==> flow/design.v <==
module dp_mult_p #(
   parameter int W = 20
) (
   input logic sys_clk,
   input logic rst_n,
   input logic [W-1:0] arg0,
   input logic [W-1:0] arg1,
   output logic [2*W-1:0] out
);
   logic [W-1:0] arg0_s;
   logic [W-1:0] arg1_s;
   always_ff @(posedge sys_clk or negedge rst_n) begin
      if (~rst_n) begin
         arg0_s <= 0;
         arg1_s <= 0;
      end else begin
         arg0_s <= arg0;
         arg1_s <= arg1;
      end
   end
   wire [2*W-1:0] tree [0:W];
   assign tree[0] = 0;
   for (genvar gi = 0; gi < W; gi++) begin : slice
      assign tree[gi+1] = tree[gi] + (arg1_s[gi] ? {{W{1'b0}}, arg0_s} << gi : {2*W{1'b0}});
   end
   logic [2*W-1:0] out_s;
   always_ff @(posedge sys_clk or negedge rst_n) begin
      if (~rst_n) begin
         out_s <= 0;
      end else begin
         out_s <= tree[W];
      end
   end
   assign out = out_s;
endmodule
# Tool chain data of dp_mult_p
# The steps from the RTL of dp_mult_p to its reports follow in flow order.
# Line numbers count from 1 in the design file above.
# Operators carry their Yosys type and port widths (W data, S select, Z words).
# Cell names lack the library's common part.
# The mark - stands for no value.
[design]
top_module = "dp_mult_p"
clock_port = "sys_clk"
lib = "sky130hd"
pvt_corner = "tt_025C_1v80"

# Word-level counts
# Source: Yosys, flattened and elaborated, memories not mapped. Widths are those after wreduce; folded enables and synchronous resets count as part of the registers. Registers that Yosys merges into a memory's read port (data or address) are not register bits. Print and check cells do not count. Equal cells are merged and count once.
[word_totals]
regBits = 80
inputBits = 42
word_cells = 42
[classes]
addsub = 19
mux = 20
[ops]
columns = ["cell", "count"]
rows = [
  ["$add A39 B39 Y40", 1],
  ["$add A38 B38 Y39", 1],
  ["$mux W39", 1],
  ["$add A37 B37 Y38", 1],
  ["$mux W38", 1],
  ["$add A36 B36 Y37", 1],
  ["$mux W37", 1],
  ["$add A35 B35 Y36", 1],
  ["$mux W36", 1],
  ["$add A34 B34 Y35", 1],
  ["$mux W35", 1],
  ["$add A33 B33 Y34", 1],
  ["$mux W34", 1],
  ["$add A32 B32 Y33", 1],
  ["$mux W33", 1],
  ["$add A31 B31 Y32", 1],
  ["$mux W32", 1],
  ["$add A30 B30 Y31", 1],
  ["$mux W31", 1],
  ["$add A29 B29 Y30", 1],
  ["$mux W30", 1],
  ["$add A28 B28 Y29", 1],
  ["$mux W29", 1],
  ["$add A27 B27 Y28", 1],
  ["$mux W28", 1],
  ["$add A26 B26 Y27", 1],
  ["$mux W27", 1],
  ["$add A25 B25 Y26", 1],
]
# Not listed: further kinds 11, cells in them 11.

# Depth
# Longest topological path by Yosys (ltp), each cell counted once; first at word level (registers and memories cut), then after technology mapping (sequential cells cut; the memories' decode and read muxes count).
[logic_depth]
word_depth = 20
abc_area = 0
depth_mapped = 24

# Synthesis result
# Source: synth_stat.txt of the flow (Yosys; design flattened, memories mapped). It holds for the ABC_AREA given above (unset counts as 0); a run with the other value may have another netlist.
# The area totals of this step are shown rounded.
[by_type]
columns = ["cell", "count", "type_area_um2"]
rows = [
  ["fa_1", 326, 6.53E+03],
  ["dfrtp_1", 80, 2001.92],
  ["ha_1", 143, 1.79E+03],
  ["inv_1", 306, 1.15E+03],
  ["nand2_1", 259, 972.182],
  ["and2_1", 153, 957.168],
  ["clkbuf_1", 82, 307.795],
  ["xnor2_1", 20, 175.168],
  ["a21o_1", 22, 165.158],
  ["xor2_1", 13, 113.859],
  ["a21oi_1", 17, 85.082],
  ["o21ai_0", 11, 55.053],
  ["a31oi_1", 6, 37.536],
  ["nor2_1", 10, 37.536],
  ["o21a_1", 5, 37.536],
  ["a21o_2", 4, 35.034],
  ["a221oi_2", 2, 30.029],
  ["a211o_1", 3, 26.275],
]
# Not listed: further types 26, cells in them 40.
[mapped]
mapped_cells = 1502
mapped_area_mm2 = 0.01482
sequential_area_mm2 = 0.002002
ffs = 80
buffers = 84

# Timing after synthesis
# Source: OpenSTA report_checks on the synthesized netlist (no wires, ideal clock, input and output delay 20% of the period each), path of least setup slack; recovery checks are left aside. Register names are those of the netlist, which keeps one name where synthesis merged equal registers.
[synth_path]
path_kind = "register to register"
from = "register arg0_s[14]"
to = "register out_s[37]"
tclk_ps = 7760
setup_ps = 80
arrival_ps = 6128
required_ps = 7680
slack_ps = 1553
path_delay_ps = 6208
path_stages = 24
path_buffers = 1
period_less_setup_slack_ps = 6207
# "path_delay_ps" is the arrival time less input delay plus setup time.
# "path_stages" counts driving pins, that of a launching flip-flop among them; a cell with two outputs on the path counts twice.
# "period_less_setup_slack_ps" = period - worst setup slack (recovery checks aside). The figure is calculated, with input and output delays left at 20% of the set period.
# The rows between start and end are the longest chain of elaborated cells between them; the timing report does not say that the signal goes this way. Where chains are equally long, one stands for them.
# A line is the first line of the expression or statement that the cell stems from. Yosys adds cells for indexed reads and writes and turns some case tables into memories.
[synth_between]
path_cell_list = "dfrtp_1 clkbuf_1 nand2_1 fa_1 inv_1 fa_1 inv_1 fa_1 fa_1 inv_1 fa_1 inv_1 fa_1 inv_1 ha_1 ha_1 a21oi_1 o21ai_0 a221o_1 a221oi_2 o21ai_2 a221o_1 a21oi_2 xnor2_1"
elab_chain_cells = 20
cells_between = 39
cone_lines = 1
[synth_lines]
columns = ["item", "line", "rtl"]
rows = [
  ["from (decl)", 10, "logic [W-1:0] arg0_s;"],
  ["from (assign)", 14, "arg0_s <= 0;"],
  ["from (assign)", 17, "arg0_s <= arg0;"],
  ["$mux W20", 24, "assign tree[gi+1] = tree[gi] + (arg1_s[gi] ? {{W{1'b0}}, arg0_s} << gi : {2*W{1'b0}});"],
  ["$add A20 B21 Y22", 24, ""],
  ["$add A22 B22 Y23", 24, ""],
  ["$add A23 B23 Y24", 24, ""],
  ["$add A24 B24 Y25", 24, ""],
  ["$add A25 B25 Y26", 24, ""],
  ["$add A26 B26 Y27", 24, ""],
  ["(+6 left out)", "-", ""],
  ["$add A33 B33 Y34", 24, ""],
  ["$add A34 B34 Y35", 24, ""],
  ["$add A35 B35 Y36", 24, ""],
  ["$add A36 B36 Y37", 24, ""],
  ["$add A37 B37 Y38", 24, ""],
  ["$add A38 B38 Y39", 24, ""],
  ["$add A39 B39 Y40", 24, ""],
  ["to (assign)", 29, "out_s <= 0;"],
  ["to (assign)", 31, "out_s <= tree[W];"],
  ["to (decl)", 26, "logic [2*W-1:0] out_s;"],
]

# Worst path after layout
# From the final timing report of run 1: the path of least setup slack in the routed layout; clock arrival at registers is part of the times.
# The path's times are printed in steps of 10 ps; the period is the one set.
[layout_path]
path_kind = "register to register"
from = "register arg0_s[5]"
to = "register out_s[38]"
tclk_ps = 7760
setup_ps = 70
arrival_ps = 7670
required_ps = 8060
slack_ps = 390
path_stages = 21
path_buffers = 1
# The rows between start and end are the longest chain of elaborated cells between them; the timing report does not say that the signal goes this way. Where chains are equally long, one stands for them.
[layout_between]
path_cell_list = "dfrtp_1 nand2_1 fa_1 inv_1 fa_1 inv_1 fa_1 inv_1 fa_1 fa_1 fa_1 fa_1 ha_1 nand3_1 nor4_1 o32ai_1 buf_4 nor3_1 nor4_1 o41ai_1 xor2_1"
elab_chain_cells = 20
cells_between = 39
cone_lines = 1
[layout_lines]
columns = ["item", "line", "rtl"]
rows = [
  ["from (decl)", 10, "logic [W-1:0] arg0_s;"],
  ["from (assign)", 14, "arg0_s <= 0;"],
  ["from (assign)", 17, "arg0_s <= arg0;"],
  ["$mux W20", 24, "assign tree[gi+1] = tree[gi] + (arg1_s[gi] ? {{W{1'b0}}, arg0_s} << gi : {2*W{1'b0}});"],
  ["$add A20 B21 Y22", 24, ""],
  ["$add A22 B22 Y23", 24, ""],
  ["$add A23 B23 Y24", 24, ""],
  ["$add A24 B24 Y25", 24, ""],
  ["$add A25 B25 Y26", 24, ""],
  ["$add A26 B26 Y27", 24, ""],
  ["(+6 left out)", "-", ""],
  ["$add A33 B33 Y34", 24, ""],
  ["$add A34 B34 Y35", 24, ""],
  ["$add A35 B35 Y36", 24, ""],
  ["$add A36 B36 Y37", 24, ""],
  ["$add A37 B37 Y38", 24, ""],
  ["$add A38 B38 Y39", 24, ""],
  ["$add A39 B39 Y40", 24, ""],
  ["to (assign)", 29, "out_s <= 0;"],
  ["to (assign)", 31, "out_s <= tree[W];"],
  ["to (decl)", 26, "logic [2*W-1:0] out_s;"],
]

Appendix: measured runs

dp_mult_p through Yosys and OpenROAD on sky130hd: 3 stored runs, unordered, with their settings and measured results. The constraints put input and output delay at 20% of the set period each and load the outputs with 0.01 pF.
"period_less_ws_ps": clock period set for the run, less the worst setup slack. It is reckoned from that one timing run; input and output delays stay at 20% of the period that was set.
"worst_path_ps" = time allowed to the worst setup path (clock period - input delay - output delay, where it has them) - its slack; a late launch clock adds to it, a late capture clock takes from it.
"worst_path_ps" is known to 10 ps.
Results are given in rounded form.

# run 1
==> flow/run.sh <==
#!/bin/bash
# the make line also repeats the synthesis and layout settings of config.mk as NAME=value (left out here)
make -C /OpenROAD-flow-scripts/flow DESIGN_CONFIG=/design/flow/config.mk WORK_HOME=/design/flow/orfs CLKGATE_MAP_FILE= finish
==> flow/config.mk <==
export PLATFORM = sky130hd
export DESIGN_NAME = dp_mult_p
export DESIGN_NICKNAME = dp_mult_p
export VERILOG_FILES = /design/flow/design.v
export SDC_FILE = /design/flow/constraint.sdc
export NUM_CORES = 4
export LEC_CHECK = 0
export CAP_MARGIN = 20
export CORE_MARGIN = 2
export CORE_UTILIZATION = 40
export SLEW_MARGIN = 20
==> flow/constraint.sdc <==
create_clock -name core_clock -period 7.76 [get_ports {sys_clk}]
set_input_delay 1.5520 -clock core_clock [delete_from_list [all_inputs] [get_ports {sys_clk}]]
set_output_delay 1.5520 -clock core_clock [all_outputs]
set_load 0.01 [all_outputs]

==> run 1: results <==
ws_setup_ps=389
finalCellArea_mm2=0.01641
setupTns_ps=0
period_less_ws_ps=7371
utilization_pct=44.9
yosys_chip_area_mm2=0.01482
worst_path_ps=7370
critical_path_kind="register to register"
die_footprint_mm2=0.0386

# run 2
==> flow/run.sh <==
#!/bin/bash
# the make line also repeats the synthesis and layout settings of config.mk as NAME=value (left out here)
make -C /OpenROAD-flow-scripts/flow DESIGN_CONFIG=/design/flow/config.mk WORK_HOME=/design/flow/orfs CLKGATE_MAP_FILE= finish
==> flow/config.mk <==
export PLATFORM = sky130hd
export DESIGN_NAME = dp_mult_p
export DESIGN_NICKNAME = dp_mult_p
export VERILOG_FILES = /design/flow/design.v
export SDC_FILE = /design/flow/constraint.sdc
export NUM_CORES = 4
export LEC_CHECK = 0
export ABC_AREA = 0
export CAP_MARGIN = 20
export CELL_PAD_IN_SITES_DETAIL_PLACEMENT = 1
export CORE_MARGIN = 5
export CORE_UTILIZATION = 55
export CTS_CLUSTER_DIAMETER = 91
export CTS_CLUSTER_SIZE = 28
export GPL_ROUTABILITY_DRIVEN = 1
export GPL_TIMING_DRIVEN = 1
export MAX_ROUTING_LAYER = met5
export SLEW_MARGIN = 15
export TNS_END_PERCENT = 50
==> flow/constraint.sdc <==
create_clock -name core_clock -period 6.5 [get_ports {sys_clk}]
set_input_delay 1.3000 -clock core_clock [delete_from_list [all_inputs] [get_ports {sys_clk}]]
set_output_delay 1.3000 -clock core_clock [all_outputs]
set_load 0.01 [all_outputs]

==> run 2: results <==
ws_setup_ps=-554
finalCellArea_mm2=0.01845
setupTns_ps=-5845
period_less_ws_ps=7054
utilization_pct=69.0
yosys_chip_area_mm2=0.01482
worst_path_ps=7050
critical_path_kind="register to register"
die_footprint_mm2=0.03033

# run 3
==> flow/run.sh <==
#!/bin/bash
# the make line also repeats the synthesis and layout settings of config.mk as NAME=value (left out here)
make -C /OpenROAD-flow-scripts/flow DESIGN_CONFIG=/design/flow/config.mk WORK_HOME=/design/flow/orfs CLKGATE_MAP_FILE= finish
==> flow/config.mk <==
export PLATFORM = sky130hd
export DESIGN_NAME = dp_mult_p
export DESIGN_NICKNAME = dp_mult_p
export VERILOG_FILES = /design/flow/design.v
export SDC_FILE = /design/flow/constraint.sdc
export NUM_CORES = 4
export LEC_CHECK = 0
export ABC_AREA = 0
export CAP_MARGIN = 20
export CORE_ASPECT_RATIO = 1.71
export CORE_MARGIN = 10
export CORE_UTILIZATION = 29
export CTS_CLUSTER_SIZE = 31
export GPL_TIMING_DRIVEN = 0
export MIN_ROUTING_LAYER = met1
export SLEW_MARGIN = 20
export TNS_END_PERCENT = 95
==> flow/constraint.sdc <==
create_clock -name core_clock -period 4.94 [get_ports {sys_clk}]
set_input_delay 0.9880 -clock core_clock [delete_from_list [all_inputs] [get_ports {sys_clk}]]
set_output_delay 0.9880 -clock core_clock [all_outputs]
set_load 0.01 [all_outputs]

==> run 3: results <==
ws_setup_ps=-1354
finalCellArea_mm2=0.01917
setupTns_ps=-24840
period_less_ws_ps=6294
utilization_pct=37.8
yosys_chip_area_mm2=0.01482
worst_path_ps=6290
critical_path_kind="register to register"
die_footprint_mm2=0.06087
